==> flow/design.v <==
module cpu_reg_bank_n #(
   parameter ENTRIES = 64,
   parameter DW = 6,
   parameter ABITS = $clog2(ENTRIES)
) (
   input clock,
   input step,
   input load,
   input [ABITS-1:0] wsel,
   input [DW-1:0] wdata,
   input [ABITS-1:0] raddr,
   output [DW-1:0] read_data
);
   reg [DW-1:0] mem [ENTRIES-1:0];
   always @(posedge clock) begin
      if (step && load)
         mem[wsel] <= wdata;
   end
   assign read_data = mem[raddr];
endmodule
---- Step by step through the tools: cpu_reg_bank_n ----
The steps from the RTL of cpu_reg_bank_n to its reports follow in flow order.
Lines are those of the file above, counted from 1.
Cell names lack the library's common part.
Not given: --
design
  top ..................................... cpu_reg_bank_n
  clock input ............................. clock
  library ................................. sky130hd
  corner .................................. tt_025C_1v80

---- After elaboration ----
Source: Yosys, flattened and elaborated, memories not mapped. Widths are those after wreduce; folded enables and synchronous resets count as part of the registers. Registers that Yosys merges into a memory's read port (data or address) are not register bits. Print and check cells do not count. Equal cells are merged and count once.
Memory sizes are those after Yosys's memory passes, which may raise the word count (mostly to a power of two), join words into wider ones and drop unused or constant bits.
bit counts
  register bits ........................... 0
  elaborated cells ........................ 5
  memory bits (writable) .................. 384
  memories kept ........................... 1
  output and inout port bits .............. 6
memories
  name  depth  bits a word  rd ports  write ports  RTL line  source
  mem   64     6            1         1            14        reg [DW-1:0] mem [ENTRIES-1:0];
cells by class
  reduce/logical cells .................... 1
  muxes and demuxes ....................... 3
operators with widths
  kind               count
  2-to-1 mux 6 bit   2
  logical AND 1 bit  1
  2-to-1 mux 1 bit   1

---- Longest topological paths ----
Depth = most cells in a row (Yosys ltp): at word level without a register or memory, in the mapped netlist without a sequential cell, where the memories' decode and read muxes count.
logic depth
  depth in word-level cells ............... 2
  ABC_AREA ................................ 1
  mapped depth ............................ 11
  gate-level depth less buffers ........... 9

---- Netlist ----
Yosys stat after the flow's synthesis: flattened, memories mapped to cells. It holds for the ABC_AREA given above (unset counts as 0); a run with the other value may have another netlist.
cells by type
  type      count  area in all (µm²)
  edfxtp_1  384    1.15E+04
  nand2_1   487    1.83E+03
  nand3_1   332    1.66E+03
  buf_2     49     245.235
  nor2_1    64     240.23
  clkbuf_1  15     56.304
  buf_4     7      52.55
  nand4_1   8      50.048
  inv_1     11     41.29
  buf_1     9      33.782
  inv_2     2      7.507
mapped netlist
  mapped cells ............................ 1,368
  buffer cells ............................ 80
  mapped flip-flops ....................... 384
  chip area (Yosys) ....................... 15,747.6 µm²
  sequential part of the area ............. 11,531.1 µm²

---- Timing after synthesis ----
OpenSTA on the mapped netlist: ideal clock, no wires. The path of least setup slack (recovery checks aside). Input and output delay are each 20% of the period. Register names are those of the netlist, which keeps one name where synthesis merged equal registers.
timing path post-synthesis
  kind .................................... in2out
  start point ............................. input raddr[1]
  end point ............................... output read_data[3]
  period .................................. 2.9 ns
  external output delay ................... 0.580 ns
  path buffers ............................ 3
  arrival time ............................ 1.566 ns
  launch time at the first pin ............ 0.580 ns
  setup slack ............................. 0.754 ns
  path delay .............................. 0.986 ns
  stages on the path ...................... 11
  period reached after synthesis .......... 2.146 ns
"path delay" = arrival - input delay + setup time.
A path that ends at an output port has no setup time.
"stages on the path" counts driving pins, that of a launching flip-flop among them; a cell with two outputs on the path counts twice.
"period reached after synthesis" is the clock period less the worst setup slack; recovery checks do not enter. This is arithmetic on one report: input and output delays are still those of the set period (20% each).
The rows between start and end are the longest chain of elaborated cells between them; the timing report does not say that the signal goes this way. Where chains are equally long, one stands for them.
Each line given opens the expression or statement behind the cell; cells for indexed reads and writes are added by Yosys, which also makes memories of some case tables.
The chain passes a memory read, where the word-level depth is cut; so it can be longer than that depth.
on the way, post-synthesis
  cells stage by stage .................... buf_4 inv_2 buf_4 buf_2 nand3_1 nand3_1 nand2_1 nand2_1 nand3_1 nand3_1 nand2_1
  length of the longest elaborated chain .. 1
  elaborated cells between the ends (all ways) .. 1
  classes of those cells .................. 1 x memory
ends and longest elaborated chain, post-synthesis
  element                   RTL line  source
  start: declaration        11        input [ABITS-1:0] raddr,
  memory read (64 x 6 bit)  14        reg [DW-1:0] mem [ENTRIES-1:0];
  end: declaration          12        output [DW-1:0] read_data

---- Worst path after layout ----
From the final timing report of flow run 1: the path of least setup slack in the routed layout; clock arrival at registers is part of the times.
timing path after layout
  kind .................................... in2out
  start point ............................. input raddr[0]
  end point ............................... output read_data[4]
  setup slack ............................. -0.06 ns
  external output delay ................... 0.54 ns
  stages on the path ...................... 13
  arrival time ............................ 2.20 ns
  launch time at the first pin ............ 0.54 ns
  path buffers ............................ 4
  period .................................. 2.68 ns
The rows between start and end are the longest chain of elaborated cells between them; the timing report does not say that the signal goes this way. Where chains are equally long, one stands for them.
The chain passes a memory read, where the word-level depth is cut; so it can be longer than that depth.
on the way, after layout
  cells stage by stage .................... buf_6 clkinv_8 buf_16 buf_4 nand2_1 nand3_1 nand3_1 nand2_1 nand2_1 nand3_1 nand3_2 nand2_2 dlygate4sd2_1
  length of the longest elaborated chain .. 1
  elaborated cells between the ends (all ways) .. 1
  classes of those cells .................. 1 x memory
ends and longest elaborated chain, after layout
  element                   RTL line  source
  start: declaration        11        input [ABITS-1:0] raddr,
  memory read (64 x 6 bit)  14        reg [DW-1:0] mem [ENTRIES-1:0];
  end: declaration          12        output [DW-1:0] read_data

Ticket comment

Design cpu_reg_bank_n on sky130hd. What follows are 3 stored runs of the flow, each under its own settings; their order means nothing. The constraints put input and output delay at 20% of the set period each and load the outputs with 0.01 pF.
By "achieved clock period" is meant the clock period of the run minus its worst setup slack. This is arithmetic on one report: input and output delays are still those of the set period (20% each).
"time on the worst setup path": the worst setup path's part of the clock period (all of it between registers, 20% less for each end at a port) less its slack. A launch clock that arrives late makes it longer, a capture clock that arrives late makes it shorter.
"total design power" is the tool's figure for a default switching activity; nothing was simulated.

======== flow run 1 ========
==> flow/run.sh <==
#!/bin/bash
# the make line also repeats the synthesis and layout settings of config.mk as NAME=value (left out here)
make -C /OpenROAD-flow-scripts/flow DESIGN_CONFIG=/design/flow/config.mk WORK_HOME=/design/flow/orfs CLKGATE_MAP_FILE= finish
==> flow/config.mk <==
export PLATFORM = sky130hd
export DESIGN_NAME = cpu_reg_bank_n
export DESIGN_NICKNAME = cpu_reg_bank_n
export VERILOG_FILES = /design/flow/design.v
export SDC_FILE = /design/flow/constraint.sdc
export NUM_CORES = 4
export LEC_CHECK = 0
export ABC_AREA = 1
export CAP_MARGIN = 5
export CORE_ASPECT_RATIO = 1.52
export CORE_MARGIN = 2
export CORE_UTILIZATION = 24
export HOLD_SLACK_MARGIN = 0.08
export PLACE_DENSITY = 0.78
export SLEW_MARGIN = 40
export TNS_END_PERCENT = 5
==> flow/constraint.sdc <==
create_clock -name core_clock -period 2.68 [get_ports {clock}]
set_input_delay 0.5360 -clock core_clock [delete_from_list [all_inputs] [get_ports {clock}]]
set_output_delay 0.5360 -clock core_clock [all_outputs]
set_load 0.01 [all_outputs]

-------- measured, flow run 1 --------
  time on the worst setup path ............ 1.67 ns
  type of the worst setup path ............ in2out
  standard-cell area of the final layout .. 19,084.6 µm²
  smallest setup slack .................... -0.057 ns
  total negative slack on setup checks .... -0.057 ns
  die footprint ........................... 67,725.1 µm²
  total design power ...................... 0.012068 W
  chip area in the Yosys report ........... 15,747.6 µm²
  final design utilization ................ 29.4%
  achieved clock period ................... 2.737 ns
  worst hold slack ........................ 0.441 ns

======== flow run 2 ========
==> flow/run.sh <==
#!/bin/bash
# the make line also repeats the synthesis and layout settings of config.mk as NAME=value (left out here)
make -C /OpenROAD-flow-scripts/flow DESIGN_CONFIG=/design/flow/config.mk WORK_HOME=/design/flow/orfs CLKGATE_MAP_FILE= finish
==> flow/config.mk <==
export PLATFORM = sky130hd
export DESIGN_NAME = cpu_reg_bank_n
export DESIGN_NICKNAME = cpu_reg_bank_n
export VERILOG_FILES = /design/flow/design.v
export SDC_FILE = /design/flow/constraint.sdc
export NUM_CORES = 4
export LEC_CHECK = 0
export CAP_MARGIN = 20
export CELL_PAD_IN_SITES_DETAIL_PLACEMENT = 0
export CORE_ASPECT_RATIO = 0.53
export CORE_MARGIN = 2
export CORE_UTILIZATION = 29
export GPL_ROUTABILITY_DRIVEN = 1
export MAX_ROUTING_LAYER = met4
export PLACE_DENSITY = 0.54
export SLEW_MARGIN = 20
export TNS_END_PERCENT = 45
==> flow/constraint.sdc <==
create_clock -name core_clock -period 3.34 [get_ports {clock}]
set_input_delay 0.6680 -clock core_clock [delete_from_list [all_inputs] [get_ports {clock}]]
set_output_delay 0.6680 -clock core_clock [all_outputs]
set_load 0.01 [all_outputs]

-------- measured, flow run 2 --------
  time on the worst setup path ............ 2.01 ns
  type of the worst setup path ............ in2out
  standard-cell area of the final layout .. 18,650.4 µm²
  smallest setup slack .................... -0.008 ns
  total negative slack on setup checks .... -0.008 ns
  die footprint ........................... 54,212.5 µm²
  total design power ...................... 0.009963 W
  chip area in the Yosys report ........... 15,159.5 µm²
  final design utilization ................ 36.4%
  achieved clock period ................... 3.348 ns
  worst hold slack ........................ 0.508 ns

======== flow run 3 ========
==> flow/run.sh <==
#!/bin/bash
# the make line also repeats the synthesis and layout settings of config.mk as NAME=value (left out here)
make -C /OpenROAD-flow-scripts/flow DESIGN_CONFIG=/design/flow/config.mk WORK_HOME=/design/flow/orfs CLKGATE_MAP_FILE= finish
==> flow/config.mk <==
export PLATFORM = sky130hd
export DESIGN_NAME = cpu_reg_bank_n
export DESIGN_NICKNAME = cpu_reg_bank_n
export VERILOG_FILES = /design/flow/design.v
export SDC_FILE = /design/flow/constraint.sdc
export NUM_CORES = 4
export LEC_CHECK = 0
export CAP_MARGIN = 20
export CORE_MARGIN = 2
export CORE_UTILIZATION = 40
export SLEW_MARGIN = 20
==> flow/constraint.sdc <==
create_clock -name core_clock -period 2.9 [get_ports {clock}]
set_input_delay 0.5800 -clock core_clock [delete_from_list [all_inputs] [get_ports {clock}]]
set_output_delay 0.5800 -clock core_clock [all_outputs]
set_load 0.01 [all_outputs]

-------- measured, flow run 3 --------
  time on the worst setup path ............ 1.75 ns
  type of the worst setup path ............ in2out
  standard-cell area of the final layout .. 19,009.5 µm²
  smallest setup slack .................... -0.012 ns
  total negative slack on setup checks .... -0.012 ns
  die footprint ........................... 39,471.8 µm²
  total design power ...................... 0.012093 W
  chip area in the Yosys report ........... 15,159.5 µm²
  final design utilization ................ 50.7%
  achieved clock period ................... 2.912 ns
  worst hold slack ........................ 0.536 ns
